==> flow/design.v <==
module dp_scratch_stage #(
    parameter integer D = 12,
    parameter integer W = 2,
    parameter integer AWIDTH = $clog2(D)
) (
    input  wire CLK,
    input  wire i_rst,
    input  wire load_i,
    input  wire [AWIDTH-1:0] wr_idx_i,
    input  wire [W-1:0] wd_i,
    input  wire [AWIDTH-1:0] ra_i,
    output wire [W-1:0] rdata_o
);
    reg load_r;
    reg [AWIDTH-1:0] wr_idx_r;
    reg [W-1:0] wd_r;
    reg [W-1:0] regs [0:D-1];
    always @(posedge CLK) begin
        if (load_r)
            regs[wr_idx_r] <= wd_r;
    end
    reg [AWIDTH-1:0] ra_r;
    assign rdata_o = regs[ra_r];
    always @(posedge CLK) begin
        if (i_rst) begin
            load_r <= 1'b0;
            wr_idx_r <= 0;
            wd_r <= 0;
            ra_r <= 0;
        end else begin
            load_r <= load_i;
            wr_idx_r <= wr_idx_i;
            wd_r <= wd_i;
            ra_r <= ra_i;
        end
    end
endmodule
Memo
Re: synthesis data of dp_scratch_stage

From RTL to reports: dp_scratch_stage
Module dp_scratch_stage in several versions that differ in "W"; each step lists the members.
The RTL above is that of W 2; lines are counted from 1 in the file of the member named.
Operators: Yosys type, input widths -> output width; for muxes data width and select width s.
Library cell names are shortened.
The mark n/a stands for no value.

inputs
  top module = dp_scratch_stage
  clock port = CLK
  standard-cell library = sky130hd
  library corner = tt_025C_1v80

Members of the sweep
Lines of each other member's file that are new or changed against the file above; lines that a member lacks are not shown.

lines new or changed
  W   RTL line  RTL
  6   3         parameter integer W = 6,
  32  3         parameter integer W = 32,
  40  3         parameter integer W = 40,
  48  3         parameter integer W = 48,

Word level
Counts by Yosys on the flattened word-level netlist (proc, flatten, opt, wreduce; memories kept). Print and check cells are left out. Cells with the same type and inputs are merged into one.
Yosys's memory passes give these memory sizes; they may raise the number of words (mostly to a power of two), join words into wider ones and drop unused or constant bits.

storage and ports
  W   flip-flop bits (word level)  bits in latches  memory bits (writable)  memory bits (read-only)  word width x clocked read ports  memories  input port bits  output and inout bits
  2   7                            0                24                      0                        2                                1         13               2
  6   11                           0                72                      0                        6                                1         17               6
  32  37                           0                384                     0                        32                               1         43               32
  40  45                           0                480                     0                        40                               1         51               40
  48  53                           0                576                     0                        48                               1         59               48

memory list
  W   words x width with read and write ports
  2   regs 12x2 r1 w1
  6   regs 12x6 r1 w1
  32  regs 12x32 r1 w1
  40  regs 12x40 r1 w1
  48  regs 12x48 r1 w1

cells by class
  W   $add $sub $neg  $mul  div/mod/pow operators  magnitude comparators  eq/ne operators  shift operators  muxes and demuxes  bitwise logic cells  reduce/logical cells
  2   0               0     0                      0                      0                0                4                  0                    0
  6   0               0     0                      0                      0                0                4                  0                    0
  32  0               0     0                      0                      0                0                4                  0                    0
  40  0               0     0                      0                      0                0                4                  0                    0
  48  0               0     0                      0                      0                0                4                  0                    0

operator list
  W   kind and count
  2   $mux 4 (2); $mux 2 (1); $mux 1 (1)
  6   $mux 4 (2); $mux 6 (1); $mux 1 (1)
  32  $mux 32 (1); $mux 4 (2); $mux 1 (1)
  40  $mux 40 (1); $mux 4 (2); $mux 1 (1)
  48  $mux 48 (1); $mux 4 (2); $mux 1 (1)

Depth
Longest topological path by Yosys (ltp), each cell counted once; first at word level (registers and memories cut), then after technology mapping (sequential cells cut; the memories' decode and read muxes count).

logic depth
  W   word-level depth  ABC_AREA  depth in mapped cells  gate-level depth less buffers
  2   1                 0         3                      2
  6   1                 0         5                      3
  32  1                 0         6                      3
  40  1                 0         6                      3
  48  1                 0         6                      3

After synthesis
Source: synth_stat.txt of the flow (Yosys; design flattened, memories mapped). It holds for the ABC_AREA given above (unset counts as 0); a run with the other value may have another netlist.

mapped netlist
  W   cell count  cell area after synthesis (um^2)  flip-flops
  2   76          1308.8                            35
  6   165         3223.1                            87
  32  718         15625.0                           425
  40  888         19563.8                           529
  48  1215        23795.3                           633

cells by type
  W   types with counts
  2   edfxtp_1 (24); dfxtp_1 (11); mux4_1 (4); nor2b_1 (11); mux2_2 (4); mux4_2 (2); nor2_1 (9); nand3b_1 (2); nor3_1 (3); nand2b_1 (2); buf_6 (1); or3b_2 (1); clkbuf_1 (1); nand2_1 (1)
  6   edfxtp_1 (72); dfxtp_1 (15); mux4_2 (8); mux2i_1 (12); mux4_1 (4); nor2b_1 (16); o221ai_1 (5); a22oi_1 (5); nor2_1 (10); buf_12 (1); nand2b_1 (3); nand3b_1 (2); nor3_1 (3); o221ai_2 (1); a22oi_2 (1); buf_6 (1); or3b_2 (1); clkbuf_1 (2); (+3)
  32  edfxtp_1 (384); mux4_2 (64); dfxtp_1 (41); mux2i_1 (64); nor2b_1 (42); o221ai_1 (28); a22oi_1 (28); buf_6 (11); clkbuf_1 (21); o221ai_2 (4); a22oi_2 (4); buf_12 (2); nor2_1 (10); nand2b_1 (3); nand3b_1 (2); nor3_1 (3); buf_2 (2); or3b_2 (1); (+4)
  40  edfxtp_1 (480); mux4_2 (80); dfxtp_1 (49); mux2i_1 (80); nor2b_1 (50); o221ai_2 (20); a22oi_2 (20); o221ai_1 (20); a22oi_1 (20); clkbuf_1 (25); buf_12 (3); buf_2 (10); nor2_1 (10); buf_6 (3); buf_4 (3); nand2b_1 (3); buf_1 (4); nand3b_1 (2); (+6)
  48  edfxtp_1 (576); dfxtp_1 (57); mux2_2 (96); mux4_2 (48); mux2i_1 (96); a22o_1 (48); nor2b_1 (58); o31ai_1 (43); o22ai_1 (48); nand2_1 (50); buf_6 (15); clkbuf_1 (27); buf_2 (17); o31ai_2 (5); buf_12 (3); buf_4 (6); nor2_1 (10); nand2b_1 (3); (+9)

The mark (+n) counts cells that are not listed.

Worst setup path after synthesis
Source: OpenSTA report_checks on the synthesized netlist (no wires, ideal clock, input and output delay 20% of the period each), path of least setup slack; recovery checks are left aside. Register names are those of the netlist, which keeps one name where synthesis merged equal registers.

timing post-synthesis
  W   kind                  start point          end point       clock period (ns)  path slack (ns)  stages  path delay (ns)  synthesis period reached (ns)
  2   register to output    reg (no name shown)  out rdata_o[0]  2.26               0.361            4       1.447            1.899
  6   register to output    reg (no name shown)  out rdata_o[0]  2.13               0.340            6       1.364            1.79
  32  register to register  reg load_r           mem regs[0][0]  4.35               0.868            3       3.482            3.482
  40  register to register  reg load_r           mem regs[0][0]  5.05               1.005            3       4.044            4.045
  48  register to register  reg load_r           mem regs[0][0]  5.76               1.153            3       4.607            4.607

"path delay" = arrival - input delay + setup time.
At an output port there is no setup time.
"stages" counts driving pins, that of a launching flip-flop among them; a cell with two outputs on the path counts twice.
"synthesis period reached" = period - worst setup slack (recovery checks aside). The figure is calculated, with input and output delays left at 20% of the set period.
Between the ends stands the longest chain of elaborated cells between them, by number of cells; it is not shown to be the way that was timed. Of several equally long chains one is given.
A line is the first line of the expression or statement that the cell stems from. Yosys adds cells for indexed reads and writes and turns some case tables into memories.

RTL lines, path post-synthesis, W 2
  item           RTL line  RTL
  end, declared  12        output wire [W-1:0] rdata_o

W 2: No chain of elaborated cells between the ends is given.
W 48: The path ends at the enable pin of a flip-flop; only ways to that pin are counted.

between the ends, post-synthesis, W 48
  cells in the longest elaborated chain = 1

RTL lines, path post-synthesis, W 48
  item             RTL line  RTL
  start, declared  14        reg load_r;
  start, assigned  26        load_r <= 1'b0;
  start, assigned  31        load_r <= load_i;
  $mux 4           19        if (load_r)
  end, declared    17        reg [W-1:0] regs [0:D-1];

Path in the finished layout
Path of least setup slack in the final report of the run of each member (OpenROAD, finished layout, wires in). Where an end is a register, its clock arrival counts in the times.

timing after layout
  W   kind                start point          end point        clock period (ns)  path slack (ns)  stages  arrival (ns)  path buffers
  2   register to output  reg (no name shown)  out rdata_o[0]   2.26               -0.10            5       1.91          2
  6   register to output  reg (no name shown)  out rdata_o[3]   2.13               -0.18            6       1.89          2
  32  register to output  reg (no name shown)  out rdata_o[3]   4.35               0.45             6       3.03          2
  40  register to output  reg (no name shown)  out rdata_o[7]   5.05               0.78             6       3.26          2
  48  register to output  reg (no name shown)  out rdata_o[19]  5.76               1.15             6       3.46          2

Layout results
Settings and results of one run of the flow (Yosys, OpenROAD) for each member follow. The constraints put input and output delay at 20% of the set period each and load the outputs with 0.01 pF.

flow settings
  CAP_MARGIN = 20
  CORE_MARGIN = 2
  CORE_UTILIZATION = 40
  SLEW_MARGIN = 20

settings by member
  W   period_ns
  2   2.26
  6   2.13
  32  4.35
  40  5.05
  48  5.76

final reports
  W   mapped cell area after synthesis (um^2)  area of the die (um^2)  area of the standard cells in the finished layout (um^2)  post-route utilization  setup slack of the worst path (ns)  setup TNS (ns)  lowest hold slack (ns)  total power of the final layout (mW)  period reached (ns)
  2   1308.8                                   3745.4                  1556.5                                                    0.506                   -0.101                              -0.178          0.630                   1.089                                 2.361
  6   3223.1                                   8791.9                  3789.9                                                    0.488                   -0.182                              -0.916          0.613                   3.097                                 2.312
  32  15625.0                                  40658.7                 18505.2                                                   0.479                   0.447                               0.000           0.603                   8.550                                 3.903
  40  19563.8                                  50694.8                 23070.9                                                   0.474                   0.780                               0.000           0.590                   9.194                                 4.270
  48  23795.3                                  61454.4                 27876.7                                                   0.473                   1.150                               0.000           0.605                   9.842                                 4.610

"period reached": clock period set for the run, less the worst setup slack. It is reckoned from that one timing run; input and output delays stay at 20% of the period that was set.
"total power of the final layout": no workload was simulated; the value follows from the tool's default switching activity.
